==> flow/design.v <==
module u_data_mux_top #(
    parameter W = 4,
    parameter LANES = 7,
    parameter LG = $clog2(LANES)
) (
    input  wire sys_clk,
    input  wire [LANES*W-1:0] in,
    input  wire [LG-1:0] s,
    output reg [W-1:0] res
);
    reg [LANES*W-1:0] in_s;
    reg [LG-1:0] s_s;
    wire [LANES-1:0] hot;
    assign hot = {{(LANES-1){1'b0}}, 1'b1} << s_s;
    reg [LANES-1:0] hot_s;
    reg [LANES*W-1:0] in_s_d;
    reg [W-1:0] nxt;
    integer i;
    always @* begin
        nxt = 0;
        for (i = 0; i < LANES; i = i + 1)
            nxt = nxt | (in_s_d[i*W +: W] & {W{hot_s[i]}});
    end
    always @(posedge sys_clk) begin
        in_s <= in;
        s_s <= s;
        hot_s <= hot;
        in_s_d <= in_s;
        res <= nxt;
    end
endmodule
==> reports on u_data_mux_top <==
=== Step by step through the tools: u_data_mux_top ===
Module u_data_mux_top in several versions that differ in "W"; each step lists the members.
The file above is the member W 4. Line numbers count from 1 in each member's own file.
Operators carry their Yosys type and port widths (W data, S select, Z words).
Library cell names are shortened.
The mark n/a stands for no value.

* Top module: u_data_mux_top
* Clock port: sys_clk
* Cell library: sky130hd
* Corner: tt_025C_1v80

=== Members of the sweep ===
New or changed lines of each further member against the RTL above, in its own file; lines it lacks are not shown.

{| class="wikitable"
|+ Lines new or changed
! W !! line !! source
|-
| 6 || 2 || <nowiki>parameter W = 6,</nowiki>
|-
| 12 || 2 || <nowiki>parameter W = 12,</nowiki>
|-
| 20 || 2 || <nowiki>parameter W = 20,</nowiki>
|-
| 32 || 2 || <nowiki>parameter W = 32,</nowiki>
|}

=== Word level ===
Counts by Yosys on the flattened word-level netlist (proc, flatten, opt, wreduce; memories kept). Register bits leave out memories and registers merged into their read ports (data or address); mux counts leave out enables and synchronous resets folded into registers. Print and check cells are left out. Cells with the same type and inputs are merged into one.

{| class="wikitable"
|+ Bit counts
! W !! input bits !! register bits after elaboration
|-
| 4 || 32 || 70
|-
| 6 || 46 || 100
|-
| 12 || 88 || 190
|-
| 20 || 144 || 310
|-
| 32 || 228 || 490
|}

{| class="wikitable"
|+ Operators by class
! W !! bitwise gates (word level) !! shift operators
|-
| 4 || 13 || 1
|-
| 6 || 13 || 1
|-
| 12 || 13 || 1
|-
| 20 || 13 || 1
|-
| 32 || 13 || 1
|}

{| class="wikitable"
|+ Operator list
! W !! kind and count
|-
| 4 || $and A4 B4 Y4 (7); $or A4 B4 Y4 (6); $shl A1 B3 Y7 const A (1)
|-
| 6 || $and A6 B6 Y6 (7); $or A6 B6 Y6 (6); $shl A1 B3 Y7 const A (1)
|-
| 12 || $and A12 B12 Y12 (7); $or A12 B12 Y12 (6); $shl A1 B3 Y7 const A (1)
|-
| 20 || $and A20 B20 Y20 (7); $or A20 B20 Y20 (6); $shl A1 B3 Y7 const A (1)
|-
| 32 || $and A32 B32 Y32 (7); $or A32 B32 Y32 (6); $shl A1 B3 Y7 const A (1)
|}

=== Depth ===
Depth = most cells in a row (Yosys ltp): at word level without a register or memory, in the mapped netlist without a sequential cell, where the memories' decode and read muxes count.

{| class="wikitable"
|+ Logic depth
! W !! depth after elaboration !! ABC_AREA !! gate-level depth with buffers !! gate-level depth less buffers
|-
| 4 || 7 || 0 || 2 || 2
|-
| 6 || 7 || 0 || 2 || 2
|-
| 12 || 7 || 0 || 3 || 2
|-
| 20 || 7 || 0 || 3 || 2
|-
| 32 || 7 || 0 || 3 || 2
|}

=== Netlist ===
Source: synth_stat.txt of the flow (Yosys; design flattened, memories mapped). It holds for the ABC_AREA given above (unset counts as 0); a run with the other value may have another netlist.

{| class="wikitable"
|+ Cells by type
! W !! type and count
|-
| 4 || dfxtp_1 (70); a22oi_1 (8); a222oi_1 (4); nor3b_1 (3); nand3_1 (4); and3b_1 (2); nor3_1 (1); nand2_1 (1); nor2_1 (1)
|-
| 6 || dfxtp_1 (100); a22oi_1 (12); a222oi_1 (6); nand3_1 (6); nor3b_1 (3); and3b_1 (2); nor3_1 (1); nand2_1 (1); nor2_1 (1)
|-
| 12 || dfxtp_1 (190); a22oi_1 (24); a222oi_1 (12); nand3_1 (12); buf_2 (5); buf_6 (2); nor3b_1 (3); and3b_1 (2); nor3_1 (1); nand2_1 (1); nor2_1 (1)
|-
| 20 || dfxtp_1 (310); a22oi_1 (40); a222oi_1 (20); nand3_1 (20); buf_2 (10); buf_6 (2); nor3b_1 (3); and3b_1 (2); buf_4 (2); nor3_1 (1); nand2_1 (1); nor2_1 (1)
|-
| 32 || dfxtp_1 (490); a22oi_1 (64); a222oi_1 (32); nand3_1 (32); buf_2 (18); buf_6 (3); nor3b_1 (3); and3b_1 (2); nor3_1 (1); nand2_1 (1); nor2_1 (1)
|}

{| class="wikitable"
|+ Mapped netlist
! W !! buffer cells !! mapped cells !! mapped area (mm²) !! flip-flop cells !! sequential part of the area (mm²)
|-
| 4 || 0 || 94 || 0.001574 || 70 || 0.0014013
|-
| 6 || 0 || 132 || 0.0022346 || 100 || 0.0020019
|-
| 12 || 7 || 253 || 0.0042641 || 190 || 0.0038036
|-
| 20 || 14 || 412 || 0.0069467 || 310 || 0.006206
|-
| 32 || 21 || 647 || 0.0109467 || 490 || 0.0098094
|}

=== Path before layout ===
Path of least setup slack by OpenSTA after synthesis, without wires, with an ideal clock, recovery checks aside; 20% of the period is set as input and as output delay. Where synthesis merged equal registers, the netlist keeps one of their names.

{| class="wikitable"
|+ Timing path post-synthesis
! W !! path type !! start point !! end point !! path slack (ps) !! clock period (ps) !! delay of the path (ps) !! stages on the path !! synthesis period reached (ps)
|-
| 4 || register to register || register hot_s[4] || register res[2] || 208 || 1020 || 812 || 3 || 812
|-
| 6 || register to register || register hot_s[4] || register res[4] || 206 || 1040 || 834 || 3 || 834
|-
| 12 || register to register || register hot_s[4] || register res[10] || 234 || 1170 || 936 || 4 || 936
|-
| 20 || register to register || register hot_s[5] || register res[0] || 232 || 1170 || 938 || 4 || 938
|-
| 32 || register to register || register hot_s[4] || register res[30] || 246 || 1230 || 983 || 4 || 984
|}

"delay of the path" is the arrival time less input delay plus setup time.
"stages on the path": output pins that drive a net of the path, with the launching flip-flop's if there is one; two outputs of one cell count as two.
"synthesis period reached" = period - worst setup slack (recovery checks aside). The figure is calculated, with input and output delays left at 20% of the set period.
Between the ends stands the longest chain of elaborated cells between them, by number of cells; it is not shown to be the way that was timed. Of several equally long chains one is given.
A line is the first line of the expression or statement that the cell stems from. Yosys adds cells for indexed reads and writes and turns some case tables into memories.

Between the ends, post-synthesis, W 4:
* Cells in the longest elaborated chain: 4

{| class="wikitable"
|+ RTL lines, path post-synthesis, W 4
! element !! line !! source
|-
| from (decl) || 15 || <nowiki>reg [LANES-1:0] hot_s;</nowiki>
|-
| from (assign) || 27 || <nowiki>hot_s <= hot;</nowiki>
|-
| $and A4 B4 Y4 || 22 || <nowiki>nxt = nxt | (in_s_d[i*W +: W] & {W{hot_s[i]}});</nowiki>
|-
| $or A4 B4 Y4 (3 in a row) || 22 ||
|-
| to (assign) || 29 || <nowiki>res <= nxt;</nowiki>
|-
| to (decl) || 9 || <nowiki>output reg [W-1:0] res</nowiki>
|}

Between the ends, post-synthesis, W 32:
* Cells in the longest elaborated chain: 4

{| class="wikitable"
|+ RTL lines, path post-synthesis, W 32
! element !! line !! source
|-
| from (decl) || 15 || <nowiki>reg [LANES-1:0] hot_s;</nowiki>
|-
| from (assign) || 27 || <nowiki>hot_s <= hot;</nowiki>
|-
| $and A32 B32 Y32 || 22 || <nowiki>nxt = nxt | (in_s_d[i*W +: W] & {W{hot_s[i]}});</nowiki>
|-
| $or A32 B32 Y32 (3 in a row) || 22 ||
|-
| to (assign) || 29 || <nowiki>res <= nxt;</nowiki>
|-
| to (decl) || 9 || <nowiki>output reg [W-1:0] res</nowiki>
|}

=== Path in the finished layout ===
From the final timing report of each member's run: the path of least setup slack in the routed layout; clock arrival at registers is part of the times.
The report prints the path's times to 10 ps; the period is as set.

{| class="wikitable"
|+ Timing path after layout
! W !! path type !! start point !! end point !! clock period (ps) !! path slack (ps) !! stages on the path !! arrival time (ps)
|-
| 4 || register to register || register hot_s[4] || register res[3] || 1020 || 20 || 3 || 1190
|-
| 6 || register to register || register hot_s[4] || register res[2] || 1040 || -20 || 3 || 1270
|-
| 12 || register to output || register res[8] || output port res[8] || 1170 || -30 || 2 || 960
|-
| 20 || register to output || register res[10] || output port res[10] || 1170 || -40 || 2 || 980
|-
| 32 || register to register || register hot_s[4] || register res[13] || 1230 || 0 || 5 || 1630
|}

=== Flow runs ===
Settings and results of one run of the flow (Yosys, OpenROAD) for each member follow. The constraints put input and output delay at 20% of the set period each and load the outputs with 0.01 pF.

* CAP_MARGIN: 20
* CORE_MARGIN: 2
* CORE_UTILIZATION: 40
* SLEW_MARGIN: 20

{| class="wikitable"
|+ Settings by member
! W !! period_ns
|-
| 4 || 1.02
|-
| 6 || 1.04
|-
| 12 || 1.17
|-
| 20 || 1.17
|-
| 32 || 1.23
|}

{| class="wikitable"
|+ Results
! W !! post-route setup TNS (ps) !! standard-cell area after routing (mm²) !! die area (mm²) !! synthesis area (mm²) !! worst setup slack after layout (ps) !! power (uW) !! achieved clock period (ps)
|-
| 4 || 0 || 0.0021821 || 0.0044529 || 0.001574 || 22 || 5486 || 998
|-
| 6 || -26 || 0.0030454 || 0.0062008 || 0.0022346 || -23 || 7170 || 1063
|-
| 12 || -166 || 0.006042 || 0.0115026 || 0.0042641 || -25 || 12825 || 1195
|-
| 20 || -394 || 0.009877 || 0.0184362 || 0.0069467 || -40 || 21245 || 1210
|-
| 32 || -4 || 0.0156575 || 0.0287065 || 0.0109467 || -4 || 32248 || 1234
|}

"achieved clock period" = clock period - worst setup slack. The figure is calculated, with input and output delays left at 20% of the set period.
By "power" is meant OpenSTA's value without simulated activity: inputs other than the clock are taken to toggle once in ten clock periods, and the tool carries that through the logic.
